==> flow/design.v <==
module u_mpy_n #(
   parameter WD = 3
) (
   input logic aclk,
   input logic [WD-1:0] in_op_a,
   input logic [WD-1:0] in_op_b,
   input logic [2*WD-1:0] in_op_c,
   output logic [2*WD:0] out_q
);
   logic [WD-1:0] r_op_a;
   logic [WD-1:0] r_op_b;
   logic [2*WD-1:0] r_op_c;
   assign out_q = r_op_a * r_op_b + r_op_c;
   always_ff @(posedge aclk) begin
      r_op_a <= in_op_a;
      r_op_b <= in_op_b;
      r_op_c <= in_op_c;
   end
endmodule
# --- Step by step through the tools: u_mpy_n ---
# Tool output for the members of one design family, told apart by "WD", in the order of the flow.
# The file above is the member WD=3. Line numbers count from 1 in each member's own file.
# Cell names lack the library's common part.
setup:
  top_module: "u_mpy_n"
  clk_port: "aclk"
  lib: "sky130hd"
  lib_corner: "tt_025C_1v80"

# --- Source of the members ---
# New or changed lines of each further member against the RTL above, in its own file; lines it lacks are not shown.
src_changes:
  columns: ["WD", "line_no", "source"]
  rows:
  - [4, 2, "parameter WD = 4"]
  - [5, 2, "parameter WD = 5"]
  - [7, 2, "parameter WD = 7"]
  - [10, 2, "parameter WD = 10"]
  - [11, 2, "parameter WD = 11"]
  - [16, 2, "parameter WD = 16"]

# --- Word level ---
# Source: Yosys, flattened and elaborated, memories not mapped. Widths are those after wreduce; folded enables and synchronous resets count as part of the registers. Registers that Yosys merges into a memory's read port (data or address) are not register bits. Print and check cells do not count. Equal cells are merged and count once.
op_classes:
  columns: ["WD", "addsub", "multipliers"]
  rows:
  - [3, 1, 1]
  - [4, 1, 1]
  - [5, 1, 1]
  - [7, 1, 1]
  - [10, 1, 1]
  - [11, 1, 1]
  - [16, 1, 1]
op_table:
  columns: ["WD", "op_list"]
  rows:
  - [3, "1 x 3-bit by 3-bit multiplier with 6-bit output; 1 x 6-bit by 6-bit adder with 7-bit output"]
  - [4, "1 x 4-bit by 4-bit multiplier with 8-bit output; 1 x 8-bit by 8-bit adder with 9-bit output"]
  - [5, "1 x 5-bit by 5-bit multiplier with 10-bit output; 1 x 10-bit by 10-bit adder with 11-bit output"]
  - [7, "1 x 7-bit by 7-bit multiplier with 14-bit output; 1 x 14-bit by 14-bit adder with 15-bit output"]
  - [10, "1 x 10-bit by 10-bit multiplier with 20-bit output; 1 x 20-bit by 20-bit adder with 21-bit output"]
  - [11, "1 x 11-bit by 11-bit multiplier with 22-bit output; 1 x 22-bit by 22-bit adder with 23-bit output"]
  - [16, "1 x 16-bit by 16-bit multiplier with 32-bit output; 1 x 32-bit by 32-bit adder with 33-bit output"]
bits:
  columns: ["WD", "output_inout_bits", "input_bits", "ff_bits", "wordCells"]
  rows:
  - [3, 7, 13, 12, 5]
  - [4, 9, 17, 16, 5]
  - [5, 11, 21, 20, 5]
  - [7, 15, 29, 28, 5]
  - [10, 21, 41, 40, 5]
  - [11, 23, 45, 44, 5]
  - [16, 33, 65, 64, 5]

# --- Logic depth ---
# Yosys ltp: most cells in a row. Word level: on the elaborated netlist, between registers, memories and ports. Mapped: between sequential cells and ports; inverters and the memories' decode and read muxes count.
logic_depth:
  columns: ["WD", "depth_word", "ABC_AREA", "ltp_mapped", "ltp_nobuf"]
  rows:
  - [3, 2, 0, 9, 9]
  - [4, 2, 0, 13, 13]
  - [5, 2, 0, 12, 12]
  - [7, 2, 0, 15, 15]
  - [10, 2, 0, 18, 17]
  - [11, 2, 0, 19, 18]
  - [16, 2, 0, 23, 21]

# --- Mapped cells and area ---
# Source: synth_stat.txt of the flow (Yosys; design flattened, memories mapped). It holds for the ABC_AREA given above (unset counts as 0); a run with the other value may have another netlist.
by_type:
  columns: ["WD", "cell_types"]
  rows:
  - [3, "12 x dfxtp_1; 9 x ha_1; 5 x fa_1; 9 x inv_1; 5 x and2_1; 2 x xnor2_1; 4 x nand2_1; 1 x a211o_1; 1 x a21oi_2; 1 x o21ai_2; 1 x xor2_1; 1 x a21o_1; 2 x nor2_1; 1 x o211ai_1; 1 x a21oi_1"]
  - [4, "16 x dfxtp_1; 17 x ha_1; 9 x fa_1; 23 x inv_1; 9 x and2_1; 4 x xnor2_1; 7 x nand2_1; 2 x a21oi_2; 2 x xor2_1; 3 x a21oi_1; 1 x a311oi_2; 4 x nor2_1; 1 x a21o_1; 1 x o21a_1; 1 x o21bai_1; 1 x nor2b_1"]
  - [5, "20 x dfxtp_1; 17 x fa_1; 19 x ha_1; 14 x and2_1; 21 x inv_1; 15 x nand2_1; 3 x xnor2_1; 3 x xor2_1; 4 x a21oi_1; 1 x o31ai_2; 1 x and4b_1; 1 x mux2i_1; 2 x nor3_1; 2 x o21ai_0; 1 x a21o_2; 1 x a21oi_2; 1 x a221oi_1; 1 x a211oi_1; [+5]"]
  - [7, "37 x fa_1; 28 x dfxtp_1; 34 x ha_1; 78 x inv_1; 32 x and2_1; 22 x nand2_1; 7 x a21oi_1; 4 x xnor2_1; 4 x a211oi_1; 4 x a21o_1; 8 x nor2_1; 2 x mux2i_1; 4 x nor3_1; 4 x o21ai_0; 3 x nand2b_1; 2 x o2111ai_1; 2 x a21boi_0; 2 x or4_1; [+20]"]
  - [10, "82 x fa_1; 40 x dfxtp_1; 57 x ha_1; 112 x inv_1; 51 x and2_1; 62 x nand2_1; 8 x xnor2_1; 13 x a21oi_1; 7 x xor2_1; 15 x clkbuf_1; 8 x o21ai_0; 5 x a21o_1; 5 x o211ai_1; 4 x a31oi_1; 3 x a211oi_1; 6 x nor2_1; 3 x o21a_1; 3 x nand2b_1; [+22]"]
  - [11, "102 x fa_1; 44 x dfxtp_1; 59 x ha_1; 167 x inv_1; 88 x nand2_1; 46 x and2_1; 12 x xnor2_1; 22 x clkbuf_1; 14 x a21oi_1; 12 x nor2_1; 5 x a21o_1; 4 x xor2_1; 5 x nand3_1; 3 x o21a_1; 4 x o21ai_0; 4 x o21ai_1; 3 x nand2b_1; 2 x o2111ai_1; [+28]"]
  - [16, "226 x fa_1; 104 x ha_1; 344 x inv_1; 64 x dfxtp_1; 129 x and2_1; 149 x nand2_1; 29 x a21oi_1; 37 x clkbuf_1; 15 x xnor2_1; 12 x xor2_1; 14 x o21ai_0; 17 x nor2_1; 6 x a21o_1; 7 x nand3_1; 5 x nor2b_1; 4 x o21a_1; 4 x o21bai_1; 3 x and4_1; [+45]"]
# A list marked [+n] leaves out that many cells.
mapped:
  columns: ["WD", "ff_cells", "cells", "area_um2", "sequential_area_um2", "buf_cells"]
  rows:
  - [3, 12, 55, 613.1, 240.2, 0]
  - [4, 16, 101, 1026.0, 320.3, 0]
  - [5, 20, 132, 1393.8, 400.4, 0]
  - [7, 28, 297, 2733.9, 560.5, 1]
  - [10, 40, 506, 4790.8, 800.8, 15]
  - [11, 44, 624, 5647.9, 880.8, 24]
  - [16, 64, 1214, 10973.0, 1281.2, 38]

# --- Path before layout ---
# OpenSTA on the mapped netlist: ideal clock, no wires. The path of least setup slack (recovery checks aside). Input and output delay are each 20% of the period. Register names are those of the netlist, which keeps one name where synthesis merged equal registers.
synth_path:
  columns: ["WD", "path_kind", "from", "to", "slack_ns", "tclk_ns", "driving_pins", "path_delay_ns", "synth_period_reached_ns"]
  rows:
  - [3, "register to output", "register r_op_b[2]", "output out_q[5]", 0.596, 3.74, 9, 2.396, 3.144]
  - [4, "register to output", "register r_op_b[3]", "output out_q[8]", 0.768, 4.79, 11, 3.064, 4.022]
  - [5, "register to output", "register r_op_b[4]", "output out_q[8]", 0.780, 4.86, 11, 3.108, 4.08]
  - [7, "register to output", "register r_op_a[3]", "output out_q[12]", 1.020, 6.39, 16, 4.092, 5.37]
  - [10, "register to output", "register r_op_b[5]", "output out_q[17]", 1.164, 7.28, 16, 4.660, 6.116]
  - [11, "register to output", "register r_op_a[7]", "output out_q[21]", 1.180, 7.36, 17, 4.708, 6.18]
  - [16, "register to output", "register r_op_b[1]", "output out_q[20]", 1.464, 9.14, 20, 5.848, 7.676]
# "path_delay_ns" = arrival - input delay + setup time.
# At an output port there is no setup time.
# "driving_pins": output pins that drive a net of the path, with the launching flip-flop's if there is one; two outputs of one cell count as two.
# "synth_period_reached_ns" = period - worst setup slack (recovery checks aside). The figure is calculated, with input and output delays left at 20% of the set period.
# Between the ends stands the longest chain of elaborated cells between them, by number of cells; it is not shown to be the way that was timed. Of several equally long chains one is given.
# Each line given opens the expression or statement behind the cell; cells for indexed reads and writes are added by Yosys, which also makes memories of some case tables.
synth_via_WD_3:
  elab_chain_len: 2
synth_rtl_WD_3:
  columns: ["element", "line_no", "source"]
  rows:
  - ["start, declared", 11, "logic [WD-1:0] r_op_b;"]
  - ["start, assigned", 16, "r_op_b <= in_op_b;"]
  - ["3-bit by 3-bit multiplier with 6-bit output", 13, "assign out_q = r_op_a * r_op_b + r_op_c;"]
  - ["6-bit by 6-bit adder with 7-bit output", 13, null]
  - ["end, declared", 8, "output logic [2*WD:0] out_q"]
synth_via_WD_16:
  elab_chain_len: 2
synth_rtl_WD_16:
  columns: ["element", "line_no", "source"]
  rows:
  - ["start, declared", 11, "logic [WD-1:0] r_op_b;"]
  - ["start, assigned", 16, "r_op_b <= in_op_b;"]
  - ["16-bit by 16-bit multiplier with 32-bit output", 13, "assign out_q = r_op_a * r_op_b + r_op_c;"]
  - ["32-bit by 32-bit adder with 33-bit output", 13, null]
  - ["end, declared", 8, "output logic [2*WD:0] out_q"]

# --- Path in the finished layout ---
# Path of least setup slack in the final report of the run of each member (OpenROAD, finished layout, wires in). Where an end is a register, its clock arrival counts in the times.
layout_path:
  columns: ["WD", "path_kind", "from", "to", "arrival_ns", "slack_ns", "tclk_ns", "driving_pins"]
  rows:
  - [3, "register to output", "register r_op_a[0]", "output out_q[5]", 2.83, 0.16, 3.74, 10]
  - [4, "register to output", "register r_op_b[3]", "output out_q[4]", 3.58, 0.25, 4.79, 11]
  - [5, "register to output", "register r_op_b[0]", "output out_q[8]", 3.65, 0.24, 4.86, 12]
  - [7, "register to output", "register r_op_a[2]", "output out_q[11]", 4.97, 0.14, 6.39, 14]
  - [10, "register to output", "register r_op_a[7]", "output out_q[20]", 5.59, 0.23, 7.28, 16]
  - [11, "register to output", "register r_op_b[5]", "output out_q[20]", 5.67, 0.22, 7.36, 19]
  - [16, "register to output", "register r_op_a[6]", "output out_q[20]", 7.05, 0.26, 9.14, 21]

# --- Flow runs ---
# Settings and results of one run of the flow (Yosys, OpenROAD) for each member follow. The constraints put input and output delay at 20% of the set period each and load the outputs with 0.01 pF.
settings:
  CAP_MARGIN: 20
  CORE_MARGIN: 2
  CORE_UTILIZATION: 40
  SLEW_MARGIN: 20
settings_by_member:
  columns: ["WD", "period_ns"]
  rows:
  - [3, 3.74]
  - [4, 4.79]
  - [5, 4.86]
  - [7, 6.39]
  - [10, 7.28]
  - [11, 7.36]
  - [16, 9.14]
measured:
  columns: ["WD", "yosys_chip_area_um2", "worst_setup_slack_ns", "total_die_area_um2", "final_setup_tns_ns", "final_hold_ws_ns", "period_reached_ns", "finish.stdcell_area_um2", "post_route_util_pct"]
  rows:
  - [3, 613.1, 0.162, 1861.9, 0.000, 0.922, 3.578, 862.1, 58.6]
  - [4, 1026.0, 0.249, 2986.1, 0.000, 1.104, 4.541, 1356.3, 55.2]
  - [5, 1393.8, 0.239, 3972.8, 0.000, 1.093, 4.621, 1891.8, 56.7]
  - [7, 2733.9, 0.144, 7511.7, 0.000, 1.420, 6.246, 3350.7, 49.9]
  - [10, 4790.8, 0.233, 12868.6, 0.000, 1.601, 7.047, 5759.3, 49.8]
  - [11, 5647.9, 0.219, 15086.0, 0.000, 1.600, 7.141, 6698.9, 48.4]
  - [16, 10973.0, 0.257, 28772.6, 0.000, 1.902, 8.883, 12647.1, 46.9]
# "period_reached_ns" is the run's clock period less its worst setup slack. It is reckoned from that one timing run; input and output delays stay at 20% of the period that was set.
